==> flow/design.v <==
module sync_shift_unit_p #(
  parameter integer DW = 14,
  parameter integer SW = $clog2(DW)
) (
  input wire clk,
  input wire i_rst,
  input wire signed [DW-1:0] in_d,
  input wire [SW-1:0] in_shamt,
  output reg [DW-1:0] out_q
);
  always @(posedge clk or posedge i_rst) begin
    if (i_rst) begin
      out_q <= 0;
    end else begin
      out_q <= in_d >>> in_shamt;
    end
  end
endmodule
== From RTL to reports: sync_shift_unit_p ==
The steps from the RTL of sync_shift_unit_p to its reports follow in flow order.
Lines are those of the file above, counted from 1.
The mark n/a stands for no value.

* Top: sync_shift_unit_p
* Clock port: clk
* Library: sky130hd
* Library corner: tt_025C_1v80

== Word level ==
Yosys after proc, flatten, opt, wreduce and memory -nomap, before mapping. Enables and synchronous resets that opt folds into registers are not counted as muxes. Memory bits, and registers merged into a memory's read port (data or address), are not among the register bits. Print and check cells are not counted. Equal cells are merged and count once.

* Flip-flop bits (word level): 14
* Input bits: 20
* Output and inout port bits: 14
* Elaborated cells: 2

* Shift operators: 1

{| class="wikitable"
|+ Operators with widths
! operator !! count
|-
| >>> shifter 14 x 4 -> 14 bit || 1
|}

== Depth ==
Longest topological path by Yosys (ltp), each cell counted once; first at word level (registers and memories cut), then after technology mapping (sequential cells cut; the memories' decode and read muxes count).

* Depth after elaboration: 1
* ABC_AREA: 0
* Depth in mapped cells: 7

== Synthesis result ==
The flow's flattened synthesis, as Yosys stat reports it; memories are mapped. The netlist is that of the ABC_AREA named above (0 if unset); the other value can give another one.
Totals and module areas in this step are rounded.

{| class="wikitable"
|+ Cells by type
! type !! count !! area in all (um2)
|-
| sky130_fd_sc_hd__dfrtp_1 || 14 || 350.336
|-
| sky130_fd_sc_hd__mux2i_1 || 10 || 100.096
|-
| sky130_fd_sc_hd__mux2_2 || 8 || 90.086
|-
| sky130_fd_sc_hd__mux4_2 || 3 || 67.565
|-
| sky130_fd_sc_hd__a21oi_1 || 7 || 35.034
|-
| sky130_fd_sc_hd__buf_2 || 7 || 35.034
|-
| sky130_fd_sc_hd__o21ai_0 || 7 || 35.034
|-
| sky130_fd_sc_hd__a211oi_1 || 4 || 30.029
|-
| sky130_fd_sc_hd__a311oi_1 || 3 || 26.275
|-
| sky130_fd_sc_hd__mux4_1 || 1 || 26.275
|-
| sky130_fd_sc_hd__nand2_1 || 6 || 22.522
|-
| sky130_fd_sc_hd__nor2_1 || 5 || 18.768
|-
| sky130_fd_sc_hd__nor2b_1 || 3 || 18.768
|-
| sky130_fd_sc_hd__inv_1 || 4 || 15.014
|-
| sky130_fd_sc_hd__nor3b_1 || 2 || 15.014
|-
| sky130_fd_sc_hd__o31ai_1 || 2 || 15.014
|-
| sky130_fd_sc_hd__and2_1 || 2 || 12.512
|-
| sky130_fd_sc_hd__nand2b_1 || 2 || 12.512
|}

Not listed: further types 13, cells in them 16.

* Cells in the netlist: 106
* Cell area after synthesis: 1040 um2
* Sequential area: 350 um2
* Flip-flops: 14
* Buffer cells: 11

== Timing after synthesis ==
Path of least setup slack by OpenSTA after synthesis, without wires, with an ideal clock, recovery checks aside; 20% of the period is set as input and as output delay. Where synthesis merged equal registers, the netlist keeps one of their names.

* Path type: input -> register
* Start point: input port in_shamt[0]
* End point: register out_q[0]
* Clock period: 1890 ps
* External input delay: 378 ps
* Arrival time: 1460 ps
* Required time: 1765 ps
* Path slack: 305 ps
* Path delay: 1207 ps
* Driving pins on the path: 4
* Buffers on the path: 1
* Synthesis period reached: 1585 ps

"path delay" = arrival - input delay + setup time.
"driving pins on the path" counts driving pins, that of a launching flip-flop among them; a cell with two outputs on the path counts twice.
"synthesis period reached" = period - worst setup slack (recovery checks aside). The figure is calculated, with input and output delays left at 20% of the set period.
Between the ends stands the longest chain of elaborated cells between them, by number of cells; it is not shown to be the way that was timed. Of several equally long chains one is given.
A line is the first line of the expression or statement that the cell stems from. Yosys adds cells for indexed reads and writes and turns some case tables into memories.

* Path through: sky130_fd_sc_hd__buf_6 sky130_fd_sc_hd__mux4_2 sky130_fd_sc_hd__mux2_2 sky130_fd_sc_hd__mux2_2
* Cells in the longest elaborated chain: 1
* Elaborated cells between the ends (all ways): 1

{| class="wikitable"
|+ Ends and longest elaborated chain, after synthesis
! item !! RTL line !! source
|-
| from (decl) || 8 || <nowiki>input wire [SW-1:0] in_shamt,</nowiki>
|-
| >>> shifter 14 x 4 -> 14 bit || 15 || <nowiki>out_q <= in_d >>> in_shamt;</nowiki>
|-
| to (assign) || 13 || <nowiki>out_q <= 0;</nowiki>
|-
| to (assign) || 15 ||
|-
| to (decl) || 9 || <nowiki>output reg [DW-1:0] out_q</nowiki>
|}

== Timing after layout ==
From the final timing report of run 2: the path of least setup slack in the routed layout; clock arrival at registers is part of the times.
The path's times are printed in steps of 10 ps; the period is the one set.

* Path type: input -> register
* Start point: input port in_d[7]
* End point: register out_q[0]
* Clock period: 1890 ps
* External input delay: 380 ps
* Arrival time: 1870 ps
* Required time: 2040 ps
* Path slack: 170 ps
* Driving pins on the path: 4
* Buffers on the path: 1

Between the ends stands the longest chain of elaborated cells between them, by number of cells; it is not shown to be the way that was timed. Of several equally long chains one is given.

* Path through: sky130_fd_sc_hd__clkdlybuf4s50_1 sky130_fd_sc_hd__mux4_2 sky130_fd_sc_hd__mux2_2 sky130_fd_sc_hd__mux2_2
* Cells in the longest elaborated chain: 1
* Elaborated cells between the ends (all ways): 1

{| class="wikitable"
|+ Ends and longest elaborated chain, after layout
! item !! RTL line !! source
|-
| from (decl) || 7 || <nowiki>input wire signed [DW-1:0] in_d,</nowiki>
|-
| >>> shifter 14 x 4 -> 14 bit || 15 || <nowiki>out_q <= in_d >>> in_shamt;</nowiki>
|-
| to (assign) || 13 || <nowiki>out_q <= 0;</nowiki>
|-
| to (assign) || 15 ||
|-
| to (decl) || 9 || <nowiki>output reg [DW-1:0] out_q</nowiki>
|}

Lab notebook: sync_shift_unit_p

sync_shift_unit_p through Yosys and OpenROAD on sky130hd: 3 stored runs, unordered, with their settings and measured results. The constraints put input and output delay at 20% of the set period each and load the outputs with 0.01 pF.
"clock period achieved" = clock period - worst setup slack. The figure is calculated, with input and output delays left at 20% of the set period.
"allowed time less slack (worst setup path)" is the time allowed to the run's worst setup path (the clock period less input and output delay, where it has them) less its slack. Clock arrival times count: a late capture clock shortens it, a late launch clock lengthens it.
"power consumption" is the tool's figure for a default switching activity; nothing was simulated.
"allowed time less slack (worst setup path)" is given in steps of 10 ps.
The measured numbers are rounded.

=== Run 1 ===
{| class="wikitable"
! Setting !! Value
|-
| period_ns || 1.22
|-
| CORE_UTILIZATION || 63
|-
| PLACE_DENSITY_LB_ADDON || 0.26
|-
| CORE_ASPECT_RATIO || 0.63
|-
| CORE_MARGIN || 8
|-
| CELL_PAD_IN_SITES_GLOBAL_PLACEMENT || 1
|-
| GPL_TIMING_DRIVEN || 1
|-
| MAX_ROUTING_LAYER || met5
|-
| CAP_MARGIN || 20
|-
| SLEW_MARGIN || 20
|}
Incomplete, placement halted on FLW-0024.

=== Run 2 ===
{| class="wikitable"
! Setting !! Value
|-
| period_ns || 1.89
|-
| CAP_MARGIN || 20
|-
| CORE_MARGIN || 2
|-
| CORE_UTILIZATION || 40
|-
| SLEW_MARGIN || 20
|-
! Result !! Value
|-
| Die size || 3020 um2
|-
| Clock period achieved || 1716 ps
|-
| Setup slack of the worst path || 174 ps
|-
| Chip area after synthesis (Yosys) || 1040 um2
|-
| Power consumption || 0.00082 W
|-
| Allowed time less slack (worst setup path) || 1340 ps
|-
| Class of the worst setup path || input -> register
|-
| Total negative slack || 0 ps
|-
| Standard-cell area of the final layout || 1590 um2
|-
| Final utilization || 64.3 %
|}

=== Run 3 ===
{| class="wikitable"
! Setting !! Value
|-
| period_ns || 1.07
|-
| CORE_UTILIZATION || 26
|-
| SETUP_SLACK_MARGIN || 0.24
|-
| PLACE_DENSITY_LB_ADDON || 0.06
|-
| GPL_TIMING_DRIVEN || 0
|-
| GPL_ROUTABILITY_DRIVEN || 0
|-
| CTS_CLUSTER_DIAMETER || 89
|-
| SLEW_MARGIN || 35
|-
| CAP_MARGIN || 20
|-
| CORE_MARGIN || 2
|-
! Result !! Value
|-
| Die size || 4520 um2
|-
| Clock period achieved || 1220 ps
|-
| Setup slack of the worst path || -150 ps
|-
| Chip area after synthesis (Yosys) || 1040 um2
|-
| Power consumption || 0.00181 W
|-
| Allowed time less slack (worst setup path) || 1010 ps
|-
| Class of the worst setup path || input -> register
|-
| Total negative slack || -661 ps
|-
| Standard-cell area of the final layout || 1920 um2
|-
| Final utilization || 51.3 %
|}
